==> flow/design.v <==
module dp_times_n (ck, RST, clk_en, i_u, o_prod);
  parameter XLEN = 56;
  parameter SCALE = 365;
  localparam OUT_W = XLEN + $clog2(SCALE + 1);
  input ck;
  input RST;
  input clk_en;
  input [XLEN-1:0] i_u;
  output [OUT_W-1:0] o_prod;
  reg [OUT_W-1:0] prod_r;
  always @(posedge ck) begin
    if (RST) begin
      prod_r <= 0;
    end else if (clk_en) begin
      prod_r <= i_u * SCALE;
    end
  end
  assign o_prod = prod_r;
endmodule
**From RTL to reports: dp_times_n**

Tool output for the design above, in the order of the flow.
Lines are those of the file above, counted from 1.
Operators carry their Yosys type and port widths (W data, S select, Z words).
Library cell names are shortened.
The mark n/a stands for no value.

- Design top: dp_times_n
- Clock port: ck
- Standard-cell library: sky130hd
- Timing corner: tt_025C_1v80

**After elaboration**

Source: Yosys, flattened and elaborated, memories not mapped. Widths are those after wreduce; folded enables and synchronous resets count as part of the registers. Registers that Yosys merges into a memory's read port (data or address) are not register bits. Print and check cells do not count. Equal cells are merged and count once.

- Register bits: 65
- Bits of input ports: 59
- Output and inout bits: 65
- Cells after elaboration: 2

- $mul: 1

Operators by type and width:

| operator | number |
|---|---|
| $mul A56 B9 Y65 const B | 1 |

**Depth**

Depth = most cells in a row (Yosys ltp): at word level without a register or memory, in the mapped netlist without a sequential cell, where the memories' decode and read muxes count.

- Depth in word-level cells: 1
- ABC_AREA: 0
- Mapped depth: 20

**Synthesis result**

The flow's flattened synthesis, as Yosys stat reports it; memories are mapped. The netlist is that of the ABC_AREA named above (0 if unset); the other value can give another one.
The area totals of this step are shown rounded.

- Cell count: 1472
- Cell area after synthesis: 12600 µm²
- Sequential area: 1300 µm²
- Mapped flip-flops: 65

Cells by type:

| cell type | number | total area (µm²) |
|---|---|---|
| fa_1 | 166 | 3.32E+03 |
| ha_1 | 159 | 1.99E+03 |
| dfxtp_1 | 65 | 1.3E+03 |
| inv_1 | 243 | 912.125 |
| xnor2_1 | 82 | 718.189 |
| a21oi_1 | 93 | 465.446 |
| xor2_1 | 50 | 437.92 |
| nand2_1 | 108 | 405.389 |
| o21ai_0 | 71 | 355.341 |
| nor2_1 | 86 | 322.81 |
| mux2i_1 | 28 | 280.269 |
| nor2b_1 | 30 | 187.68 |
| clkbuf_1 | 44 | 165.158 |
| a21o_1 | 18 | 135.13 |
| nand4_1 | 19 | 118.864 |
| a22o_1 | 12 | 105.101 |
| o21a_1 | 14 | 105.101 |
| nand3_1 | 20 | 100.096 |

Not listed: further types 48, cells in them 164.

**Path before layout**

OpenSTA on the mapped netlist: ideal clock, no wires. The path of least setup slack (recovery checks aside). Input and output delay are each 20% of the period. Register names are those of the netlist, which keeps one name where synthesis merged equal registers.

- Path kind: input to register
- Start point: in i_u[18]
- End point: reg prod_r[47]
- Period: 6.54 ns
- Library setup time: 0.116 ns
- Launch time at the first pin: 1.308 ns
- Data arrival time: 5.380 ns
- Path slack: 1.045 ns
- Delay of the path: 4.188 ns
- Driving pins on the path: 19
- Path buffers: 2
- Period reached after synthesis: 5.495 ns

"delay of the path" is the arrival time less input delay plus setup time.
"driving pins on the path": output pins that drive a net of the path, with the launching flip-flop's if there is one; two outputs of one cell count as two.
"period reached after synthesis" = period - worst setup slack (recovery checks aside). The figure is calculated, with input and output delays left at 20% of the set period.
Between the ends stands the longest chain of elaborated cells between them, by number of cells; it is not shown to be the way that was timed. Of several equally long chains one is given.
A line is the first line of the expression or statement that the cell stems from. Yosys adds cells for indexed reads and writes and turns some case tables into memories.

- Cell sequence: ha_1 -> clkbuf_1 -> xnor2_1 -> xnor2_1 -> fa_1 -> inv_1 -> fa_1 -> inv_1 -> ha_1 -> buf_2 -> a21oi_1 -> o211ai_2 -> a41o_1 -> and3_1 -> a21oi_2 -> o31a_4 -> nor2_1 -> or3_1 -> a31o_1
- Length of the longest elaborated chain: 1

Ends and longest elaborated chain, after synthesis:

| item | RTL line | RTL |
|---|---|---|
| from (decl) | 8 | `input [XLEN-1:0] i_u;` |
| $mul A56 B9 Y65 | 15 | `prod_r <= i_u * SCALE;` |
| to (assign) | 13 | `prod_r <= 0;` |
| to (assign) | 15 |  |
| to (decl) | 10 | `reg [OUT_W-1:0] prod_r;` |

**Timing after layout**

Path of least setup slack in the final report of run 1 (OpenROAD, finished layout, wires in). Where an end is a register, its clock arrival counts in the times.

- Path kind: input to register
- Start point: in i_u[14]
- End point: reg prod_r[47]
- Period: 6.54 ns
- Library setup time: 0.10 ns
- Launch time at the first pin: 1.31 ns
- Data arrival time: 6.44 ns
- Path slack: 0.35 ns
- Driving pins on the path: 19
- Path buffers: 1

Between the ends stands the longest chain of elaborated cells between them, by number of cells; it is not shown to be the way that was timed. Of several equally long chains one is given.

- Cell sequence: clkdlybuf4s50_1 -> ha_1 -> nor2b_1 -> o21ai_0 -> o21ai_0 -> fa_1 -> inv_1 -> fa_1 -> inv_1 -> ha_1 -> a21oi_1 -> o21ai_0 -> nor3_1 -> nand3_1 -> a21oi_2 -> o31a_4 -> nor2_1 -> or3_1 -> a31o_1
- Length of the longest elaborated chain: 1

Ends and longest elaborated chain, post-layout:

| item | RTL line | RTL |
|---|---|---|
| from (decl) | 8 | `input [XLEN-1:0] i_u;` |
| $mul A56 B9 Y65 | 15 | `prod_r <= i_u * SCALE;` |
| to (assign) | 13 | `prod_r <= 0;` |
| to (assign) | 15 |  |
| to (decl) | 10 | `reg [OUT_W-1:0] prod_r;` |

FLOW RESULTS
============

2 stored runs of dp_times_n in the flow (synthesis by Yosys, layout by OpenROAD, sky130hd cells), in arbitrary order. Constraints: input delay and output delay 20% of the set period each, output load 0.01 pF.
"period reached" is the run's clock period less its worst setup slack. It is reckoned from that one timing run; input and output delays stay at 20% of the period that was set.
By "allowed time less slack (worst setup path)" is meant the share of the clock period that the worst setup path is allowed (20% is reserved at inputs, 20% at outputs), minus its slack. Clock arrival times at its registers enter into it.
"power" rests on the timing tool's default activity at the inputs, not on a simulated workload.
The measured numbers are rounded.

### Run 1

Settings: `period_ns=6.54`, `CAP_MARGIN=20`, `CORE_MARGIN=2`, `CORE_UTILIZATION=40`, `SLEW_MARGIN=20`

- Worst slack on setup checks: 0.346 ns
- Post-route worst hold slack: 0.455 ns
- Overall die area: 32900 µm²
- Period reached: 6.194 ns
- Allowed time less slack (worst setup path): 4.89 ns
- Critical path kind: input to register
- Utilization after routing: 47.7 %
- Total negative slack on setup checks: 0.000 ns
- Area of the synthesized netlist: 12600 µm²
- Standard-cell area of the final layout: 14700 µm²
- Power: 8280 µW

### Run 2

Settings: `period_ns=6.71`, `CORE_UTILIZATION=27`, `SETUP_SLACK_MARGIN=-0.21`, `PLACE_DENSITY=0.83`, `CELL_PAD_IN_SITES_DETAIL_PLACEMENT=0`, `ABC_AREA=0`, `MAX_ROUTING_LAYER=met4`, `CAP_MARGIN=20`, `CORE_MARGIN=2`, `SLEW_MARGIN=20`

- Worst slack on setup checks: 0.516 ns
- Post-route worst hold slack: 0.459 ns
- Overall die area: 48400 µm²
- Period reached: 6.194 ns
- Allowed time less slack (worst setup path): 4.85 ns
- Critical path kind: input to register
- Utilization after routing: 31.9 %
- Total negative slack on setup checks: 0.000 ns
- Area of the synthesized netlist: 12600 µm²
- Standard-cell area of the final layout: 14800 µm²
- Power: 7980 µW
